==> flow/design.v <==
module sync_addsub_mod #(
    parameter integer W = 16
) (
    input  logic clk_i,
    input  logic rst_ni,
    input  logic valid,
    input  logic signed [W-1:0] arg0,
    input  logic signed [W-1:0] arg1,
    input  logic mode,
    output logic [W-1:0] q,
    output logic cy
);
    logic signed [W-1:0] arg0_reg;
    logic signed [W-1:0] arg1_reg;
    logic mode_reg;
    always_ff @(posedge clk_i or negedge rst_ni) begin
        if (!rst_ni) begin
            arg0_reg <= 0;
            arg1_reg <= 0;
            mode_reg <= 1'b0;
        end else if (valid) begin
            arg0_reg <= arg0;
            arg1_reg <= arg1;
            mode_reg <= mode;
        end
    end
    logic [W-1:0] w2;
    assign w2 = arg1_reg ^ {W{mode_reg}};
    logic [W-1:0] cur;
    assign cur = $unsigned(arg0_reg) + w2 + mode_reg;
    assign q = cur[W-1:0];
    assign cy = (arg0_reg[W-1] == w2[W-1]) && (cur[W-1] != arg0_reg[W-1]);
endmodule
From RTL to reports: sync_addsub_mod
Tool output for the design above, in the order of the flow.
Lines are those of the file above, counted from 1.
Operators: Yosys type, input widths -> output width; for muxes data width and select width s.
{"block": "setup", "design": "sync_addsub_mod", "clock_port": "clk_i", "lib": "sky130hd", "corner": "tt_025C_1v80"}

After elaboration
Yosys after proc, flatten, opt, wreduce and memory -nomap, before mapping. Enables and synchronous resets that opt folds into registers are not counted as muxes. Memory bits, and registers merged into a memory's read port (data or address), are not among the register bits. Print and check cells are not counted. Equal cells are merged and count once.
{"block": "bits", "register_bits": 33, "output_inout_bits": 17, "word_cells": 9}
{"block": "classes", "n_logic": 1, "add_sub_neg": 2, "reduce_logical": 1, "eq_ne": 2}
{"block": "ops", "op": "$add 16x1->16", "n": 1}
{"block": "ops", "op": "$add 16x16->16", "n": 1}
{"block": "ops", "op": "$xor 16x16->16", "n": 1}
{"block": "ops", "op": "$eq 1x1->1", "n": 1}
{"block": "ops", "op": "$ne 1x1->1", "n": 1}
{"block": "ops", "op": "$logic_and 1x1->1", "n": 1}

Depth
Yosys ltp: most cells in a row. Word level: on the elaborated netlist, between registers, memories and ports. Mapped: between sequential cells and ports; inverters and the memories' decode and read muxes count.
{"block": "depth", "depth_word": 5, "ABC_AREA": 0, "mapped_depth": 10, "mapped_depth_nobuf": 8}

Netlist
Source: synth_stat.txt of the flow (Yosys; design flattened, memories mapped). It holds for the ABC_AREA given above (unset counts as 0); a run with the other value may have another netlist.
Totals and module areas in this step are rounded.
{"block": "synth_totals", "seq_area_um2": 826, "cell_count": 199, "flip_flops": 33, "mapped_area_um2": 2200, "buffers": 8}
{"block": "by_type", "cell": "sky130_fd_sc_hd__dfrtp_1", "n": 33, "type_area_um2": 825.792}
{"block": "by_type", "cell": "sky130_fd_sc_hd__mux2_2", "n": 32, "type_area_um2": 360.346}
{"block": "by_type", "cell": "sky130_fd_sc_hd__ha_1", "n": 15, "type_area_um2": 187.68}
{"block": "by_type", "cell": "sky130_fd_sc_hd__xor2_1", "n": 20, "type_area_um2": 175.168}
{"block": "by_type", "cell": "sky130_fd_sc_hd__xnor2_1", "n": 7, "type_area_um2": 61.309}
{"block": "by_type", "cell": "sky130_fd_sc_hd__nand2_1", "n": 11, "type_area_um2": 41.29}
{"block": "by_type", "cell": "sky130_fd_sc_hd__a21oi_1", "n": 8, "type_area_um2": 40.038}
{"block": "by_type", "cell": "sky130_fd_sc_hd__a21o_1", "n": 4, "type_area_um2": 30.029}
{"block": "by_type", "cell": "sky130_fd_sc_hd__o21a_1", "n": 4, "type_area_um2": 30.029}
{"block": "by_type", "cell": "sky130_fd_sc_hd__inv_1", "n": 7, "type_area_um2": 26.275}
{"block": "by_type", "cell": "sky130_fd_sc_hd__o21bai_1", "n": 3, "type_area_um2": 22.522}
{"block": "by_type", "cell": "sky130_fd_sc_hd__a31oi_4", "n": 1, "type_area_um2": 21.27}
{"block": "by_type", "cell": "sky130_fd_sc_hd__buf_2", "n": 4, "type_area_um2": 20.019}
{"block": "by_type", "cell": "sky130_fd_sc_hd__fa_1", "n": 1, "type_area_um2": 20.019}
{"block": "by_type", "cell": "sky130_fd_sc_hd__mux2i_1", "n": 2, "type_area_um2": 20.019}
{"block": "by_type", "cell": "sky130_fd_sc_hd__nor3_1", "n": 4, "type_area_um2": 20.019}
{"block": "by_type", "cell": "sky130_fd_sc_hd__o21ai_0", "n": 4, "type_area_um2": 20.019}
{"block": "by_type", "cell": "sky130_fd_sc_hd__a31oi_1", "n": 3, "type_area_um2": 18.768}
Not listed: further types 24, cells in them 36.

Timing after synthesis
OpenSTA on the mapped netlist: ideal clock, no wires. The path of least setup slack (recovery checks aside). Input and output delay are each 20% of the period. Register names are those of the netlist, which keeps one name where synthesis merged equal registers.
{"block": "synth_path", "kind": "register to output", "startpoint": "register mode_reg", "endpoint": "output q[10]", "output_delay_ns": 0.770, "t_arrival_ns": 2.464, "required_time_ns": 3.080, "slack_ns": 0.616, "stages": 10, "path_delay_ns": 2.464, "clock_period_ns": 3.85, "synth_period_reached_ns": 3.234}
"path_delay_ns" is the arrival time less input delay plus setup time.
At an output port there is no setup time.
"stages": output pins that drive a net of the path, with the launching flip-flop's if there is one; two outputs of one cell count as two.
"synth_period_reached_ns" is the clock period less the worst setup slack; recovery checks do not enter. This is arithmetic on one report: input and output delays are still those of the set period (20% each).
The rows between start and end are the longest chain of elaborated cells between them; the timing report does not say that the signal goes this way. Where chains are equally long, one stands for them.
Each line given opens the expression or statement behind the cell; cells for indexed reads and writes are added by Yosys, which also makes memories of some case tables.
{"block": "synth_between", "cell_sequence": "sky130_fd_sc_hd__dfrtp_1 > sky130_fd_sc_hd__buf_2 > sky130_fd_sc_hd__buf_2 > sky130_fd_sc_hd__xor2_1 > sky130_fd_sc_hd__ha_1 > sky130_fd_sc_hd__or4_4 > sky130_fd_sc_hd__o21ai_2 > sky130_fd_sc_hd__a31oi_4 > sky130_fd_sc_hd__a2111o_1 > sky130_fd_sc_hd__o2111ai_1", "elab_chain_len": 3}
{"block": "synth_rtl", "element": "start, declared", "line": 15, "source": "logic mode_reg;"}
{"block": "synth_rtl", "element": "start, assigned", "line": 20, "source": "mode_reg <= 1'b0;"}
{"block": "synth_rtl", "element": "start, assigned", "line": 24, "source": "mode_reg <= mode;"}
{"block": "synth_rtl", "element": "$xor 16x16->16", "line": 28, "source": "assign w2 = arg1_reg ^ {W{mode_reg}};"}
{"block": "synth_rtl", "element": "$add 16x16->16", "line": 30, "source": "assign cur = $unsigned(arg0_reg) + w2 + mode_reg;"}
{"block": "synth_rtl", "element": "$add 16x1->16", "line": 30}
{"block": "synth_rtl", "element": "end, declared", "line": 10, "source": "output logic [W-1:0] q,"}

Timing after layout
Path of least setup slack in the final report of run A (OpenROAD, finished layout, wires in). Where an end is a register, its clock arrival counts in the times.
{"block": "layout_path", "kind": "register to output", "startpoint": "register mode_reg", "endpoint": "output q[13]", "t_arrival_ns": 2.72, "output_delay_ns": 0.57, "slack_ns": -0.44, "required_time_ns": 2.28, "stages": 12, "clock_period_ns": 2.85}
The rows between start and end are the longest chain of elaborated cells between them; the timing report does not say that the signal goes this way. Where chains are equally long, one stands for them.
{"block": "layout_between", "cell_sequence": "sky130_fd_sc_hd__dfrtp_1 > sky130_fd_sc_hd__buf_6 > sky130_fd_sc_hd__buf_12 > sky130_fd_sc_hd__xor2_1 > sky130_fd_sc_hd__ha_1 > sky130_fd_sc_hd__a21oi_2 > sky130_fd_sc_hd__o22ai_2 > sky130_fd_sc_hd__o211ai_1 > sky130_fd_sc_hd__o21ai_2 > sky130_fd_sc_hd__buf_4 > sky130_fd_sc_hd__a211oi_2 > sky130_fd_sc_hd__buf_2", "elab_chain_len": 3}
{"block": "layout_rtl", "element": "start, declared", "line": 15, "source": "logic mode_reg;"}
{"block": "layout_rtl", "element": "start, assigned", "line": 20, "source": "mode_reg <= 1'b0;"}
{"block": "layout_rtl", "element": "start, assigned", "line": 24, "source": "mode_reg <= mode;"}
{"block": "layout_rtl", "element": "$xor 16x16->16", "line": 28, "source": "assign w2 = arg1_reg ^ {W{mode_reg}};"}
{"block": "layout_rtl", "element": "$add 16x16->16", "line": 30, "source": "assign cur = $unsigned(arg0_reg) + w2 + mode_reg;"}
{"block": "layout_rtl", "element": "$add 16x1->16", "line": 30}
{"block": "layout_rtl", "element": "end, declared", "line": 10, "source": "output logic [W-1:0] q,"}

Appendix: measured runs

Below are 3 stored runs of the flow (Yosys, OpenROAD; platform sky130hd) on sync_addsub_mod, each with its settings and what was measured, unordered. Constraints: input delay and output delay 20% of the set period each, output load 0.01 pF.
By "achievedPeriod_ns" is meant the clock period of the run minus its worst setup slack. This is arithmetic on one report: input and output delays are still those of the set period (20% each).
By "worst_path_allowed_less_slack_ns" is meant the share of the clock period that the worst setup path is allowed (20% is reserved at inputs, 20% at outputs), minus its slack. Clock arrival times at its registers enter into it.
The measured numbers are rounded.

{"run": "run A", "settings": { "period_ns": 2.85, "CORE_UTILIZATION": 44, "PLACE_DENSITY_LB_ADDON": 0.14, "CORE_ASPECT_RATIO": 1.43, "TNS_END_PERCENT": 15, "GPL_TIMING_DRIVEN": 0, "CTS_CLUSTER_DIAMETER": 212, "CAP_MARGIN": 20, "MIN_ROUTING_LAYER": "met2", "CORE_MARGIN": 2, "SLEW_MARGIN": 20 }, "results": { "post_route_util_pct": 67.0, "achievedPeriod_ns": 3.285, "worst_path_allowed_less_slack_ns": 2.72, "path_kind": "register to output", "die_area_um2": 5580, "ys_area_um2": 2200, "worst_setup_slack_ns": -0.435, "finish.stdcell_area_um2": 3190 }}
{"run": "run B", "settings": { "period_ns": 3.85, "CAP_MARGIN": 20, "CORE_MARGIN": 2, "CORE_UTILIZATION": 40, "SLEW_MARGIN": 20 }, "results": { "post_route_util_pct": 59.4, "achievedPeriod_ns": 3.668, "worst_path_allowed_less_slack_ns": 2.90, "path_kind": "register to output", "die_area_um2": 6100, "ys_area_um2": 2200, "worst_setup_slack_ns": 0.182, "finish.stdcell_area_um2": 3090 }}
{"run": "run C", "settings": { "period_ns": 2.19, "CORE_UTILIZATION": 37, "PLACE_DENSITY_LB_ADDON": 0.0, "CORE_MARGIN": 7, "CELL_PAD_IN_SITES_DETAIL_PLACEMENT": 0, "ABC_AREA": 1, "GPL_TIMING_DRIVEN": 0, "CAP_MARGIN": 20, "SLEW_MARGIN": 20 }, "results": { "post_route_util_pct": 59.8, "achievedPeriod_ns": 2.763, "worst_path_allowed_less_slack_ns": 2.33, "path_kind": "register to output", "die_area_um2": 8520, "ys_area_um2": 2270, "worst_setup_slack_ns": -0.573, "finish.stdcell_area_um2": 3540 }}
